==> flow/design.v <==
module sel_unit_v2 #(
   parameter XLEN = 16,
   parameter N = 4,
   parameter LG = $clog2(N)
) (
   input  clk_i,
   input  rst,
   input  enable,
   input  [N*XLEN-1:0] i_din,
   input  [LG-1:0] i_addr,
   output reg [XLEN-1:0] o_data_out
);
   reg [N*XLEN-1:0] din_ff;
   always @(posedge clk_i or posedge rst) begin
      if (rst) begin
         din_ff <= 0;
      end else if (enable) begin
         din_ff <= i_din;
      end
   end
   reg [LG-1:0] addr_ff;
   always @(posedge clk_i or posedge rst) begin
      if (rst) begin
         addr_ff <= 0;
      end else if (enable) begin
         addr_ff <= i_addr;
      end
   end
   localparam H = N / 2;
   reg [XLEN-1:0] lsb_ff;
   always @(posedge clk_i or posedge rst) begin
      if (rst) begin
         lsb_ff <= 0;
      end else if (enable) begin
         lsb_ff <= din_ff[addr_ff[LG-2:0]*XLEN +: XLEN];
      end
   end
   reg [XLEN-1:0] msb_ff;
   always @(posedge clk_i or posedge rst) begin
      if (rst) begin
         msb_ff <= 0;
      end else if (enable) begin
         msb_ff <= din_ff[(H + addr_ff[LG-2:0])*XLEN +: XLEN];
      end
   end
   reg addr_ff_d;
   always @(posedge clk_i or posedge rst) begin
      if (rst) begin
         addr_ff_d <= 1'b0;
      end else if (enable) begin
         addr_ff_d <= addr_ff[LG-1];
      end
   end
   always @(posedge clk_i or posedge rst) begin
      if (rst) begin
         o_data_out <= 0;
      end else if (enable) begin
         o_data_out <= addr_ff_d ? msb_ff : lsb_ff;
      end
   end
endmodule
**Step by step through the tools: sel_unit_v2**

The steps from the RTL of sel_unit_v2 to its reports follow in flow order.
Lines are those of the file above, counted from 1.
Operators: Yosys type, input widths -> output width; for muxes data width and select width s.
Cell names lack the library's common part.
A cell with n/a has no value.

- Top module: sel_unit_v2
- Clock: clk_i
- Library: sky130hd
- Timing corner: tt_025C_1v80

**Word-level counts**

Yosys after proc, flatten, opt, wreduce and memory -nomap, before mapping. Enables and synchronous resets that opt folds into registers are not counted as muxes. Memory bits, and registers merged into a memory's read port (data or address), are not among the register bits. Print and check cells are not counted. Equal cells are merged and count once.

- Register bits after elaboration: 115
- Input port bits: 69
- Output and inout port bits: 16
- Word-level cells: 10

- $add $sub $neg: 1
- Shifts and indexed selects: 2
- Muxes and demuxes: 1

Operators by type and width:

| cell | count |
|---|---|
| $shiftx 64x6->16 | 1 |
| $shiftx 64x8->16 | 1 |
| $mux 16 | 1 |
| $add 2x1->3 const A | 1 |

**Logic depth**

Depth = most cells in a row (Yosys ltp): at word level without a register or memory, in the mapped netlist without a sequential cell, where the memories' decode and read muxes count.

- Depth in word-level cells: 2
- ABC_AREA: 0
- Gate-level depth with buffers: 5
- Mapped depth without buffers: 2

**Synthesis result**

The flow's flattened synthesis, as Yosys stat reports it; memories are mapped. The netlist is that of the ABC_AREA named above (0 if unset); the other value can give another one.
Totals and module areas in this step are rounded.

Cells by type:

| cell type | count | area in all (µm²) |
|---|---|---|
| dfrtp_1 | 115 | 2877.76 |
| mux2_2 | 67 | 754.474 |
| mux2i_1 | 48 | 480.461 |
| a21oi_1 | 48 | 240.23 |
| nor2_1 | 48 | 180.173 |
| buf_6 | 15 | 168.912 |
| buf_2 | 6 | 30.029 |
| buf_8 | 2 | 30.029 |
| buf_4 | 1 | 7.507 |
| inv_1 | 1 | 3.754 |

- Mapped cells: 351
- Synthesis area: 4770 µm²
- Area of sequential cells: 2880 µm²
- Flip-flops: 115
- Buffer cells: 24

**Worst setup path after synthesis**

Source: OpenSTA report_checks on the synthesized netlist (no wires, ideal clock, input and output delay 20% of the period each), path of least setup slack; recovery checks are left aside. Register names are those of the netlist, which keeps one name where synthesis merged equal registers.

- Path kind: flip-flop to flip-flop
- Start point: register (name not given)
- End point: register addr_ff[0]
- Period: 1.26 ns
- Library setup time: 0.125 ns
- Launch time at the first pin: 0.000 ns
- Arrival: 0.885 ns
- Data required time: 1.135 ns
- Path slack: 0.250 ns
- Path delay: 1.010 ns
- Stages on the path: 4
- Path buffers: 2
- Synthesis period reached: 1.01 ns

"path delay" = arrival - input delay + setup time.
"stages on the path": output pins that drive a net of the path, with the launching flip-flop's if there is one; two outputs of one cell count as two.
"synthesis period reached" = period - worst setup slack (recovery checks aside). The figure is calculated, with input and output delays left at 20% of the set period.

- Cells stage by stage: dfrtp_1 -> buf_4 -> buf_6 -> mux2_2

RTL lines, path post-synthesis:

| item | line | source |
|---|---|---|
| to (assign) | 24 | `addr_ff <= 0;` |
| to (assign) | 26 | `addr_ff <= i_addr;` |
| to (decl) | 21 | `reg [LG-1:0] addr_ff;` |

Chain of elaborated cells between the ends: none given.

**Path in the finished layout**

From the final timing report of flow run A: the path of least setup slack in the routed layout; clock arrival at registers is part of the times.

- Path kind: flip-flop to output port
- Start point: register o_data_out[13]
- End point: output o_data_out[13]
- Period: 1.26 ns
- Output delay: 0.25 ns
- Launch time at the first pin: 0.40 ns
- Arrival: 0.93 ns
- Data required time: 1.01 ns
- Path slack: 0.08 ns
- Stages on the path: 2
- Path buffers: 1

- Cells stage by stage: dfrtp_1 -> buf_2
- Length of the longest elaborated chain: 0
- Elaborated cells on any way between the ends: 0
- RTL lines with such cells: 0

RTL lines, path post-layout:

| item | line | source |
|---|---|---|
| from (decl) | 11 | `output reg [XLEN-1:0] o_data_out` |
| from (assign) | 56 | `o_data_out <= 0;` |
| from (assign) | 58 | `o_data_out <= addr_ff_d ? msb_ff : lsb_ff;` |
| to (decl) | 11 |  |

Lab notebook: sel_unit_v2

Measured results for sel_unit_v2: 3 stored runs of the Yosys and OpenROAD flow on sky130hd. The settings differ; the order carries no meaning. The constraints put input and output delay at 20% of the set period each and load the outputs with 0.01 pF.
By "period reached" is meant the clock period of the run minus its worst setup slack. This is arithmetic on one report: input and output delays are still those of the set period (20% each).
"worst setup path time": the worst setup path's part of the clock period (all of it between registers, 20% less for each end at a port) less its slack. A launch clock that arrives late makes it longer, a capture clock that arrives late makes it shorter.
By "total power after layout" is meant OpenSTA's value without simulated activity: inputs other than the clock are taken to toggle once in ten clock periods, and the tool carries that through the logic.
The results are shown rounded.

### Flow run A

==> flow/run.sh <==
#!/bin/bash
# the make line also repeats the synthesis and layout settings of config.mk as NAME=value (left out here)
make -C /OpenROAD-flow-scripts/flow DESIGN_CONFIG=/design/flow/config.mk WORK_HOME=/design/flow/orfs CLKGATE_MAP_FILE= finish
==> flow/config.mk <==
export PLATFORM = sky130hd
export DESIGN_NAME = sel_unit_v2
export DESIGN_NICKNAME = sel_unit_v2
export VERILOG_FILES = /design/flow/design.v
export SDC_FILE = /design/flow/constraint.sdc
export NUM_CORES = 4
export LEC_CHECK = 0
export CAP_MARGIN = 20
export CORE_MARGIN = 2
export CORE_UTILIZATION = 40
export SLEW_MARGIN = 20
==> flow/constraint.sdc <==
create_clock -name core_clock -period 1.26 [get_ports {clk_i}]
set_input_delay 0.2520 -clock core_clock [delete_from_list [all_inputs] [get_ports {clk_i}]]
set_output_delay 0.2520 -clock core_clock [all_outputs]
set_load 0.01 [all_outputs]

Results of flow run A:
- Period reached: 1.181 ns
- Synthesis area: 4770 µm²
- Total power after layout: 10.9 mW
- Final setup TNS: 0.000 ns
- Overall die area: 12800 µm²
- Worst setup path time: 0.93 ns
- Critical path kind: flip-flop to output port
- Std-cell area (final layout): 6340 µm²
- Utilization after routing: 55.1 %
- Worst setup slack after layout: 0.079 ns
- Worst hold slack in the final report: 0.227 ns

### Flow run B

==> flow/run.sh <==
#!/bin/bash
# the make line also repeats the synthesis and layout settings of config.mk as NAME=value (left out here)
make -C /OpenROAD-flow-scripts/flow DESIGN_CONFIG=/design/flow/config.mk WORK_HOME=/design/flow/orfs CLKGATE_MAP_FILE= finish
==> flow/config.mk <==
export PLATFORM = sky130hd
export DESIGN_NAME = sel_unit_v2
export DESIGN_NICKNAME = sel_unit_v2
export VERILOG_FILES = /design/flow/design.v
export SDC_FILE = /design/flow/constraint.sdc
export NUM_CORES = 4
export LEC_CHECK = 0
export CAP_MARGIN = 5
export CORE_MARGIN = 7
export CORE_UTILIZATION = 25
export CTS_CLUSTER_SIZE = 23
export GPL_ROUTABILITY_DRIVEN = 1
export GPL_TIMING_DRIVEN = 1
export MAX_ROUTING_LAYER = met4
export PLACE_DENSITY_LB_ADDON = 0.3
export SETUP_SLACK_MARGIN = -0.15
export SLEW_MARGIN = 20
export TNS_END_PERCENT = 50
==> flow/constraint.sdc <==
create_clock -name core_clock -period 1.51 [get_ports {clk_i}]
set_input_delay 0.3020 -clock core_clock [delete_from_list [all_inputs] [get_ports {clk_i}]]
set_output_delay 0.3020 -clock core_clock [all_outputs]
set_load 0.01 [all_outputs]

Results of flow run B:
- Final setup TNS: -0.370 ns
- Overall die area: 23200 µm²
- Synthesis area: 4770 µm²
- Worst setup path time: 1.30 ns
- Critical path kind: flip-flop to output port
- Std-cell area (final layout): 6480 µm²
- Utilization after routing: 34.6 %
- Worst hold slack in the final report: 0.267 ns
- Total power after layout: 9.07 mW
- Period reached: 1.607 ns
- Worst setup slack after layout: -0.097 ns

### Flow run C

==> flow/run.sh <==
#!/bin/bash
# the make line also repeats the synthesis and layout settings of config.mk as NAME=value (left out here)
make -C /OpenROAD-flow-scripts/flow DESIGN_CONFIG=/design/flow/config.mk WORK_HOME=/design/flow/orfs CLKGATE_MAP_FILE= finish
==> flow/config.mk <==
export PLATFORM = sky130hd
export DESIGN_NAME = sel_unit_v2
export DESIGN_NICKNAME = sel_unit_v2
export VERILOG_FILES = /design/flow/design.v
export SDC_FILE = /design/flow/constraint.sdc
export NUM_CORES = 4
export LEC_CHECK = 0
export ABC_AREA = 0
export CAP_MARGIN = 20
export CELL_PAD_IN_SITES_DETAIL_PLACEMENT = 2
export CORE_MARGIN = 2
export CORE_UTILIZATION = 50
export CTS_CLUSTER_DIAMETER = 42
export CTS_CLUSTER_SIZE = 50
export MIN_ROUTING_LAYER = met1
export PLACE_DENSITY = 0.71
export SLEW_MARGIN = 10
==> flow/constraint.sdc <==
create_clock -name core_clock -period 1.0 [get_ports {clk_i}]
set_input_delay 0.2000 -clock core_clock [delete_from_list [all_inputs] [get_ports {clk_i}]]
set_output_delay 0.2000 -clock core_clock [all_outputs]
set_load 0.01 [all_outputs]

Outcome of flow run C: not finished: placement ended with error DPL-0033
